==> flow/design.v <==
module my_sub_unit #(
  parameter integer DATA_WIDTH = 96
) (
  input logic clk,
  input logic clr,
  input logic [DATA_WIDTH-1:0] opa,
  input logic [DATA_WIDTH-1:0] opb,
  input logic subtract,
  output logic [DATA_WIDTH-1:0] delta,
  output logic cout
);
  logic [DATA_WIDTH-1:0] w2;
  assign w2 = opb ^ {DATA_WIDTH{subtract}};
  logic [DATA_WIDTH:0] work;
  assign work = opa + w2 + subtract;
  always_ff @(posedge clk or posedge clr) begin
    if (clr) begin
      delta <= 0;
    end else begin
      delta <= work[DATA_WIDTH-1:0];
    end
  end
  always_ff @(posedge clk or posedge clr) begin
    if (clr) begin
      cout <= 1'b0;
    end else begin
      cout <= work[DATA_WIDTH];
    end
  end
endmodule
* Tool chain data of my_sub_unit
What the tools print for my_sub_unit, step after step.
Line numbers count from 1 in the design file above.
Operators carry their Yosys type and port widths (W data, S select, Z words).
Library cell names are shortened.
Not given: -
- Design top :: my_sub_unit
- Clock port :: clk
- Standard-cell library :: sky130hd
- Corner :: tt_025C_1v80

* Word level
Yosys after proc, flatten, opt, wreduce and memory -nomap, before mapping. Enables and synchronous resets that opt folds into registers are not counted as muxes. Memory bits, and registers merged into a memory's read port (data or address), are not among the register bits. Print and check cells are not counted. Equal cells are merged and count once.
- Register bits :: 97
- Input port bits :: 195
- Output and inout port bits :: 97
- Cells after elaboration :: 5
- Add/sub/neg operators :: 2
- Bitwise gates (word level) :: 1
** Operators by type and width (number)
- $add A96 B96 Y97 :: 1
- $add A97 B1 Y97 :: 1
- $xor A96 B96 Y96 :: 1

* Depth
Yosys ltp: most cells in a row. Word level: on the elaborated netlist, between registers, memories and ports. Mapped: between sequential cells and ports; inverters and the memories' decode and read muxes count.
- Word-level depth :: 3
- ABC_AREA :: 1
- Depth in mapped cells :: 19

* After synthesis
The flow's flattened synthesis, as Yosys stat reports it; memories are mapped. The netlist is that of the ABC_AREA named above (0 if unset); the other value can give another one.
The area totals of this step are shown rounded.
- Standard cells after synthesis :: 2311
- Synthesis area :: 0.01329 mm²
- Sequential part of the area :: 0.002427 mm²
- Flip-flops :: 97
- Buffers :: 11
** Cell types (number)
- nand2_1 :: 896
- dfrtp_1 :: 97
- inv_1 :: 475
- xor2_1 :: 149
- ha_1 :: 101
- nor2_1 :: 185
- a21oi_1 :: 87
- nand3_1 :: 72
- nor2_2 :: 36
- nand2_2 :: 33
- nor2_4 :: 14
- o21bai_1 :: 18
- inv_2 :: 34
- nand4_1 :: 19
- o21ai_0 :: 21
- nor3_2 :: 10
- nand3b_2 :: 5
- buf_2 :: 11
Other cell types: 19; their cells: 48.

* Timing after synthesis
Source: OpenSTA report_checks on the synthesized netlist (no wires, ideal clock, input and output delay 20% of the period each), path of least setup slack; recovery checks are left aside. Register names are those of the netlist, which keeps one name where synthesis merged equal registers.
- Path type :: input-to-reg
- From :: input subtract
- To :: register delta[68]
- Period :: 6.14 ns
- Library setup time :: 0.117 ns
- Data arrival time :: 3.216 ns
- Data required time :: 6.023 ns
- Setup slack :: 2.808 ns
- Path delay :: 2.105 ns
- Stages on the path :: 16
- Buffers on the path :: 3
- Synthesis period reached :: 3.332 ns
"path delay" = arrival - input delay + setup time.
"stages on the path" counts driving pins, that of a launching flip-flop among them; a cell with two outputs on the path counts twice.
"synthesis period reached" = period - worst setup slack (recovery checks aside). The figure is calculated, with input and output delays left at 20% of the set period.
The rows between start and end are the longest chain of elaborated cells between them; the timing report does not say that the signal goes this way. Where chains are equally long, one stands for them.
Each line given opens the expression or statement behind the cell; cells for indexed reads and writes are added by Yosys, which also makes memories of some case tables.
- Path through :: buf_2 > buf_2 > buf_2 > xor2_1 > ha_1 > nand2_1 > nand2_1 > or2_2 > nand4_1 > nand3b_2 > nand2_1 > nand2_1 > nand2_1 > nand2_1 > nand2_1 > nand2_1
- Length of the longest elaborated chain :: 3
- Elaborated cells between the ends (all ways) :: 3
- RTL lines with such cells :: 2
- Those cells by class :: add/sub (2); logic (1)
** Ends and longest elaborated chain, after synthesis
- start: declaration :: RTL line 8 : input logic subtract,
- $xor A96 B96 Y96 :: RTL line 13 : assign w2 = opb ^ {DATA_WIDTH{subtract}};
- $add A96 B96 Y97 :: RTL line 15 : assign work = opa + w2 + subtract;
- $add A97 B1 Y97 :: RTL line 15
- end: assignment :: RTL line 18 : delta <= 0;
- end: assignment :: RTL line 20 : delta <= work[DATA_WIDTH-1:0];
- end: declaration :: RTL line 9 : output logic [DATA_WIDTH-1:0] delta,

* Timing after layout
From the final timing report of flow run 1: the path of least setup slack in the routed layout; clock arrival at registers is part of the times.
- Path type :: input-to-reg
- From :: input subtract
- To :: register delta[57]
- Period :: 5.0 ns
- Library setup time :: 0.16 ns
- Data arrival time :: 4.31 ns
- Data required time :: 5.27 ns
- Setup slack :: 0.96 ns
- Stages on the path :: 13
- Buffers on the path :: 2
The rows between start and end are the longest chain of elaborated cells between them; the timing report does not say that the signal goes this way. Where chains are equally long, one stands for them.
- Path through :: clkbuf_8 > buf_4 > xor2_1 > ha_1 > nand2_1 > nor2_1 > nand2_1 > nor2_1 > nand2_1 > inv_1 > nand2_1 > nand2_1 > xor2_2
- Length of the longest elaborated chain :: 3
- Elaborated cells between the ends (all ways) :: 3
- RTL lines with such cells :: 2
- Those cells by class :: add/sub (2); logic (1)
** Ends and longest elaborated chain, post-layout
- start: declaration :: RTL line 8 : input logic subtract,
- $xor A96 B96 Y96 :: RTL line 13 : assign w2 = opb ^ {DATA_WIDTH{subtract}};
- $add A96 B96 Y97 :: RTL line 15 : assign work = opa + w2 + subtract;
- $add A97 B1 Y97 :: RTL line 15
- end: assignment :: RTL line 18 : delta <= 0;
- end: assignment :: RTL line 20 : delta <= work[DATA_WIDTH-1:0];
- end: declaration :: RTL line 9 : output logic [DATA_WIDTH-1:0] delta,

==> results <==
Measured data: module my_sub_unit, platform sky130hd, 3 stored runs of the flow under differing settings, order arbitrary. Input and output delays are each 20% of the period that was set; the output load is 0.01 pF.
"clock period reached" = clock period - worst setup slack. The figure is calculated, with input and output delays left at 20% of the set period.
"allowed time less slack (worst setup path)" means the part of the period allowed to the worst setup path (the constraints hold back 20% at inputs and 20% at outputs) less its slack; where the path has registers, the arrival times of their clocks count too.
"total power of the final layout" is the tool's figure for a default switching activity; nothing was simulated.
The results are shown rounded.

** Flow run 1
- Settings :: period_ns=5.0; CORE_UTILIZATION=21; SETUP_SLACK_MARGIN=1.01; PLACE_DENSITY_LB_ADDON=0.12; HOLD_SLACK_MARGIN=0.2; CORE_ASPECT_RATIO=0.68; CELL_PAD_IN_SITES_GLOBAL_PLACEMENT=2; TNS_END_PERCENT=95; ABC_AREA=1; CAP_MARGIN=10; MIN_ROUTING_LAYER=met2; MAX_ROUTING_LAYER=met5; CORE_MARGIN=2; SLEW_MARGIN=20
- Final utilization :: 28.2 %
- Summed negative setup slack :: 0.000 ns
- Die footprint :: 0.06535 mm²
- Worst setup slack after layout :: 0.963 ns
- Netlist area reported by Yosys :: 0.01329 mm²
- Total power of the final layout :: 5.246 mW
- Standard-cell area after layout :: 0.01773 mm²
- Allowed time less slack (worst setup path) :: 3.04 ns
- Type of the worst setup path :: input-to-reg
- Clock period reached :: 4.037 ns

** Flow run 2
- Settings :: period_ns=6.14; CAP_MARGIN=20; CORE_MARGIN=2; CORE_UTILIZATION=40; SLEW_MARGIN=20
- Netlist area reported by Yosys :: 0.009295 mm²
- Die footprint :: 0.02447 mm²
- Standard-cell area after layout :: 0.01274 mm²
- Clock period reached :: 4.952 ns
- Final utilization :: 56.1 %
- Worst setup slack after layout :: 1.188 ns
- Allowed time less slack (worst setup path) :: 3.72 ns
- Type of the worst setup path :: input-to-reg
- Total power of the final layout :: 3.376 mW
- Summed negative setup slack :: 0.000 ns

** Flow run 3
- Settings :: period_ns=6.71; CORE_UTILIZATION=72; SETUP_SLACK_MARGIN=-0.5; PLACE_DENSITY_LB_ADDON=0.07; CELL_PAD_IN_SITES_GLOBAL_PLACEMENT=3; TNS_END_PERCENT=80; GPL_TIMING_DRIVEN=1; CTS_CLUSTER_SIZE=18; CTS_CLUSTER_DIAMETER=80; CAP_MARGIN=40; SLEW_MARGIN=10; CORE_MARGIN=2
- Outcome :: no final report: placement broke off with FLW-0024
